==> flow/design.v <==
module alu_addsub_p (ck, adv, src1, src2, minus, q, carry);
  parameter BITS = 12;
  input ck;
  input adv;
  input signed [BITS-1:0] src1;
  input signed [BITS-1:0] src2;
  input minus;
  output [BITS-1:0] q;
  output carry;
  reg signed [BITS-1:0] src1_s;
  reg signed [BITS-1:0] src2_s;
  reg minus_s;
  always @(posedge ck) begin
    if (adv) begin
      src1_s <= src1;
      src2_s <= src2;
      minus_s <= minus;
    end
  end
  wire [BITS-1:0] t2;
  assign t2 = src2_s ^ {BITS{minus_s}};
  wire [BITS-1:0] t;
  assign t = $unsigned(src1_s) + t2 + minus_s;
  assign q = t[BITS-1:0];
  assign carry = (src1_s[BITS-1] == t2[BITS-1]) && (t[BITS-1] != src1_s[BITS-1]);
endmodule
Reports on alu_addsub_p

Tool output for the design above, in the order of the flow.
Line numbers count from 1 in the design file above.
Not given: n/a

Design top: alu_addsub_p
Clock: ck
Library: sky130hd
Corner: tt_025C_1v80

Word-level counts

Counts by Yosys on the flattened word-level netlist (proc, flatten, opt, wreduce; memories kept). Register bits leave out memories and registers merged into their read ports (data or address); mux counts leave out enables and synchronous resets folded into registers. Print and check cells are left out. Cells with the same type and inputs are merged into one.

Bits in registers: 25
Input bits: 27
Output and inout port bits: 13
Cells after elaboration: 9

$add $sub $neg: 2
Equality and inequality tests: 2
Bitwise logic cells: 1
Reductions and logical operators: 1

Operators with widths:

| cell                   | number |
| adder 12 x 1 -> 12 bit | 1 |
| adder 12 bit           | 1 |
| bitwise XOR 12 bit     | 1 |
| == test 1 bit          | 1 |
| inequality test 1 bit  | 1 |
| logical AND 1 bit      | 1 |

Longest topological paths

Longest topological path by Yosys (ltp), each cell counted once; first at word level (registers and memories cut), then after technology mapping (sequential cells cut; the memories' decode and read muxes count).

Depth in word-level cells: 5
ABC_AREA: 0
Depth in mapped cells: 9
Depth with buffers taken out: 8

Netlist

Yosys stat after the flow's synthesis: flattened, memories mapped to cells. It holds for the ABC_AREA given above (unset counts as 0); a run with the other value may have another netlist.

Cells by type:

| type                      | number | area in all (um2) |
| sky130_fd_sc_hd__edfxtp_1 | 25     | 750.72 |
| sky130_fd_sc_hd__ha_1     | 10     | 125.12 |
| sky130_fd_sc_hd__xor2_1   | 14     | 122.618 |
| sky130_fd_sc_hd__xnor2_1  | 7      | 61.309 |
| sky130_fd_sc_hd__a21oi_1  | 7      | 35.034 |
| sky130_fd_sc_hd__inv_1    | 8      | 30.029 |
| sky130_fd_sc_hd__nor2_1   | 7      | 26.275 |
| sky130_fd_sc_hd__nand2_1  | 6      | 22.522 |
| sky130_fd_sc_hd__fa_1     | 1      | 20.019 |
| sky130_fd_sc_hd__o21ai_0  | 4      | 20.019 |
| sky130_fd_sc_hd__a21o_1   | 2      | 15.014 |
| sky130_fd_sc_hd__o21a_1   | 2      | 15.014 |
| sky130_fd_sc_hd__mux2i_2  | 1      | 13.763 |
| sky130_fd_sc_hd__a31oi_2  | 1      | 12.512 |
| sky130_fd_sc_hd__nand4_1  | 2      | 12.512 |
| sky130_fd_sc_hd__o211ai_2 | 1      | 12.512 |
| sky130_fd_sc_hd__mux2i_1  | 1      | 10.01 |
| sky130_fd_sc_hd__a32oi_1  | 1      | 8.758 |

Other cell types: 11; their cells: 11.

Cells in the netlist: 111
Cell area after synthesis: 1393.8 um2
Sequential area: 750.7 um2
Mapped flip-flops: 25
Buffer cells: 1

Path before layout

Source: OpenSTA report_checks on the synthesized netlist (no wires, ideal clock, input and output delay 20% of the period each), path of least setup slack; recovery checks are left aside. Register names are those of the netlist, which keeps one name where synthesis merged equal registers.

Path kind: reg-to-output
From: register minus_s
To: output q[10]
Period: 3.29 ns
External output delay: 0.658 ns
Launch time at the first pin: 0.000 ns
Data arrival time: 2.108 ns
Data required time: 2.632 ns
Path slack: 0.524 ns
Delay of the path: 2.108 ns
Stages: 10
Period reached after synthesis: 2.766 ns

"delay of the path" is the arrival time less input delay plus setup time.
At an output port there is no setup time.
"stages": output pins that drive a net of the path, with the launching flip-flop's if there is one; two outputs of one cell count as two.
"period reached after synthesis" is the clock period less the worst setup slack; recovery checks do not enter. This is arithmetic on one report: input and output delays are still those of the set period (20% each).
The rows between start and end are the longest chain of elaborated cells between them; the timing report does not say that the signal goes this way. Where chains are equally long, one stands for them.
Each line given opens the expression or statement behind the cell; cells for indexed reads and writes are added by Yosys, which also makes memories of some case tables.

Cell sequence: sky130_fd_sc_hd__edfxtp_1 -> sky130_fd_sc_hd__buf_2 -> sky130_fd_sc_hd__xor2_1 -> sky130_fd_sc_hd__inv_1 -> sky130_fd_sc_hd__fa_1 -> sky130_fd_sc_hd__nor2b_1 -> sky130_fd_sc_hd__o31a_1 -> sky130_fd_sc_hd__nor2_1 -> sky130_fd_sc_hd__o211ai_1 -> sky130_fd_sc_hd__xor2_1
Length of the longest elaborated chain: 3
Elaborated cells between the ends (all ways): 3
RTL lines with such cells: 2

Ends and longest elaborated chain, post-synthesis:

| element                | line | source |
| start, declared        | 12   | `reg minus_s;` |
| start, assigned        | 17   | `minus_s <= minus;` |
| bitwise XOR 12 bit     | 21   | `assign t2 = src2_s ^ {BITS{minus_s}};` |
| adder 12 bit           | 23   | `assign t = $unsigned(src1_s) + t2 + minus_s;` |
| adder 12 x 1 -> 12 bit | 23   |  |
| end, declared          | 8    | `output [BITS-1:0] q;` |

Path in the finished layout

Path of least setup slack in the final report of record 3 (OpenROAD, finished layout, wires in). Where an end is a register, its clock arrival counts in the times.

Path kind: reg-to-output
From: register minus_s
To: output q[10]
Period: 3.29 ns
External output delay: 0.66 ns
Launch time at the first pin: 0.30 ns
Data arrival time: 2.64 ns
Data required time: 2.63 ns
Path slack: -0.01 ns
Stages: 10

The rows between start and end are the longest chain of elaborated cells between them; the timing report does not say that the signal goes this way. Where chains are equally long, one stands for them.

Cell sequence: sky130_fd_sc_hd__edfxtp_1 -> sky130_fd_sc_hd__buf_6 -> sky130_fd_sc_hd__xor2_1 -> sky130_fd_sc_hd__ha_1 -> sky130_fd_sc_hd__nor2b_2 -> sky130_fd_sc_hd__o31a_1 -> sky130_fd_sc_hd__nor2_2 -> sky130_fd_sc_hd__o211ai_1 -> sky130_fd_sc_hd__xor2_1 -> sky130_fd_sc_hd__dlygate4sd2_1
Length of the longest elaborated chain: 3
Elaborated cells between the ends (all ways): 3
RTL lines with such cells: 2

Ends and longest elaborated chain, post-layout:

| element                | line | source |
| start, declared        | 12   | `reg minus_s;` |
| start, assigned        | 17   | `minus_s <= minus;` |
| bitwise XOR 12 bit     | 21   | `assign t2 = src2_s ^ {BITS{minus_s}};` |
| adder 12 bit           | 23   | `assign t = $unsigned(src1_s) + t2 + minus_s;` |
| adder 12 x 1 -> 12 bit | 23   |  |
| end, declared          | 8    | `output [BITS-1:0] q;` |

## Implementation results

alu_addsub_p through Yosys and OpenROAD on sky130hd: 3 stored runs, unordered, with their settings and measured results. The constraints put input and output delay at 20% of the set period each and load the outputs with 0.01 pF.
"clock period achieved": clock period set for the run, less the worst setup slack. It is reckoned from that one timing run; input and output delays stay at 20% of the period that was set.
By "time of the worst setup path" is meant the share of the clock period that the worst setup path is allowed (20% is reserved at inputs, 20% at outputs), minus its slack. Clock arrival times at its registers enter into it.
By "total design power" is meant OpenSTA's value without simulated activity: inputs other than the clock are taken to toggle once in ten clock periods, and the tool carries that through the logic.

## Record 1

==> flow/run.sh <==
#!/bin/bash
# the make line also repeats the synthesis and layout settings of config.mk as NAME=value (left out here)
make -C /OpenROAD-flow-scripts/flow DESIGN_CONFIG=/design/flow/config.mk WORK_HOME=/design/flow/orfs CLKGATE_MAP_FILE= finish
==> flow/config.mk <==
export PLATFORM = sky130hd
export DESIGN_NAME = alu_addsub_p
export DESIGN_NICKNAME = alu_addsub_p
export VERILOG_FILES = /design/flow/design.v
export SDC_FILE = /design/flow/constraint.sdc
export NUM_CORES = 4
export LEC_CHECK = 0
export CAP_MARGIN = 20
export CELL_PAD_IN_SITES_GLOBAL_PLACEMENT = 3
export CORE_MARGIN = 2
export CORE_UTILIZATION = 56
export CTS_CLUSTER_DIAMETER = 314
export GPL_ROUTABILITY_DRIVEN = 1
export MIN_ROUTING_LAYER = met1
export PLACE_DENSITY = 0.69
export SETUP_SLACK_MARGIN = -0.04
export SLEW_MARGIN = 20
export TNS_END_PERCENT = 90
==> flow/constraint.sdc <==
create_clock -name core_clock -period 2.78 [get_ports {ck}]
set_input_delay 0.5560 -clock core_clock [delete_from_list [all_inputs] [get_ports {ck}]]
set_output_delay 0.5560 -clock core_clock [all_outputs]
set_load 0.01 [all_outputs]

Record 1: not finished: placement ended with error GPL-0301

## Record 2

==> flow/run.sh <==
#!/bin/bash
# the make line also repeats the synthesis and layout settings of config.mk as NAME=value (left out here)
make -C /OpenROAD-flow-scripts/flow DESIGN_CONFIG=/design/flow/config.mk WORK_HOME=/design/flow/orfs CLKGATE_MAP_FILE= finish
==> flow/config.mk <==
export PLATFORM = sky130hd
export DESIGN_NAME = alu_addsub_p
export DESIGN_NICKNAME = alu_addsub_p
export VERILOG_FILES = /design/flow/design.v
export SDC_FILE = /design/flow/constraint.sdc
export NUM_CORES = 4
export LEC_CHECK = 0
export ABC_AREA = 0
export CAP_MARGIN = 20
export CELL_PAD_IN_SITES_DETAIL_PLACEMENT = 1
export CELL_PAD_IN_SITES_GLOBAL_PLACEMENT = 1
export CORE_ASPECT_RATIO = 0.54
export CORE_MARGIN = 9
export CORE_UTILIZATION = 51
export CTS_CLUSTER_SIZE = 66
export GPL_TIMING_DRIVEN = 1
export MIN_ROUTING_LAYER = met1
export PLACE_DENSITY_LB_ADDON = 0.22
export SLEW_MARGIN = 20
==> flow/constraint.sdc <==
create_clock -name core_clock -period 2.06 [get_ports {ck}]
set_input_delay 0.4120 -clock core_clock [delete_from_list [all_inputs] [get_ports {ck}]]
set_output_delay 0.4120 -clock core_clock [all_outputs]
set_load 0.01 [all_outputs]

Record 2: not finished: placement ended with error DPL-0033

## Record 3

==> flow/run.sh <==
#!/bin/bash
# the make line also repeats the synthesis and layout settings of config.mk as NAME=value (left out here)
make -C /OpenROAD-flow-scripts/flow DESIGN_CONFIG=/design/flow/config.mk WORK_HOME=/design/flow/orfs CLKGATE_MAP_FILE= finish
==> flow/config.mk <==
export PLATFORM = sky130hd
export DESIGN_NAME = alu_addsub_p
export DESIGN_NICKNAME = alu_addsub_p
export VERILOG_FILES = /design/flow/design.v
export SDC_FILE = /design/flow/constraint.sdc
export NUM_CORES = 4
export LEC_CHECK = 0
export CAP_MARGIN = 20
export CORE_MARGIN = 2
export CORE_UTILIZATION = 40
export SLEW_MARGIN = 20
==> flow/constraint.sdc <==
create_clock -name core_clock -period 3.29 [get_ports {ck}]
set_input_delay 0.6580 -clock core_clock [delete_from_list [all_inputs] [get_ports {ck}]]
set_output_delay 0.6580 -clock core_clock [all_outputs]
set_load 0.01 [all_outputs]

| result of record 3 | value |
|---|---|
| Yosys chip area after synthesis | 1393.8 um2 |
| overall die area | 3972.8 um2 |
| standard-cell area after layout | 2019.4 um2 |
| final design utilization | 0.605 |
| worst setup slack after layout | -0.008 ns |
| total negative slack on setup checks | -0.008 ns |
| smallest hold slack | 0.898 ns |
| total design power | 1006 uW |
| clock period achieved | 3.298 ns |
| time of the worst setup path | 2.64 ns |
| class of the worst setup path | reg-to-output |
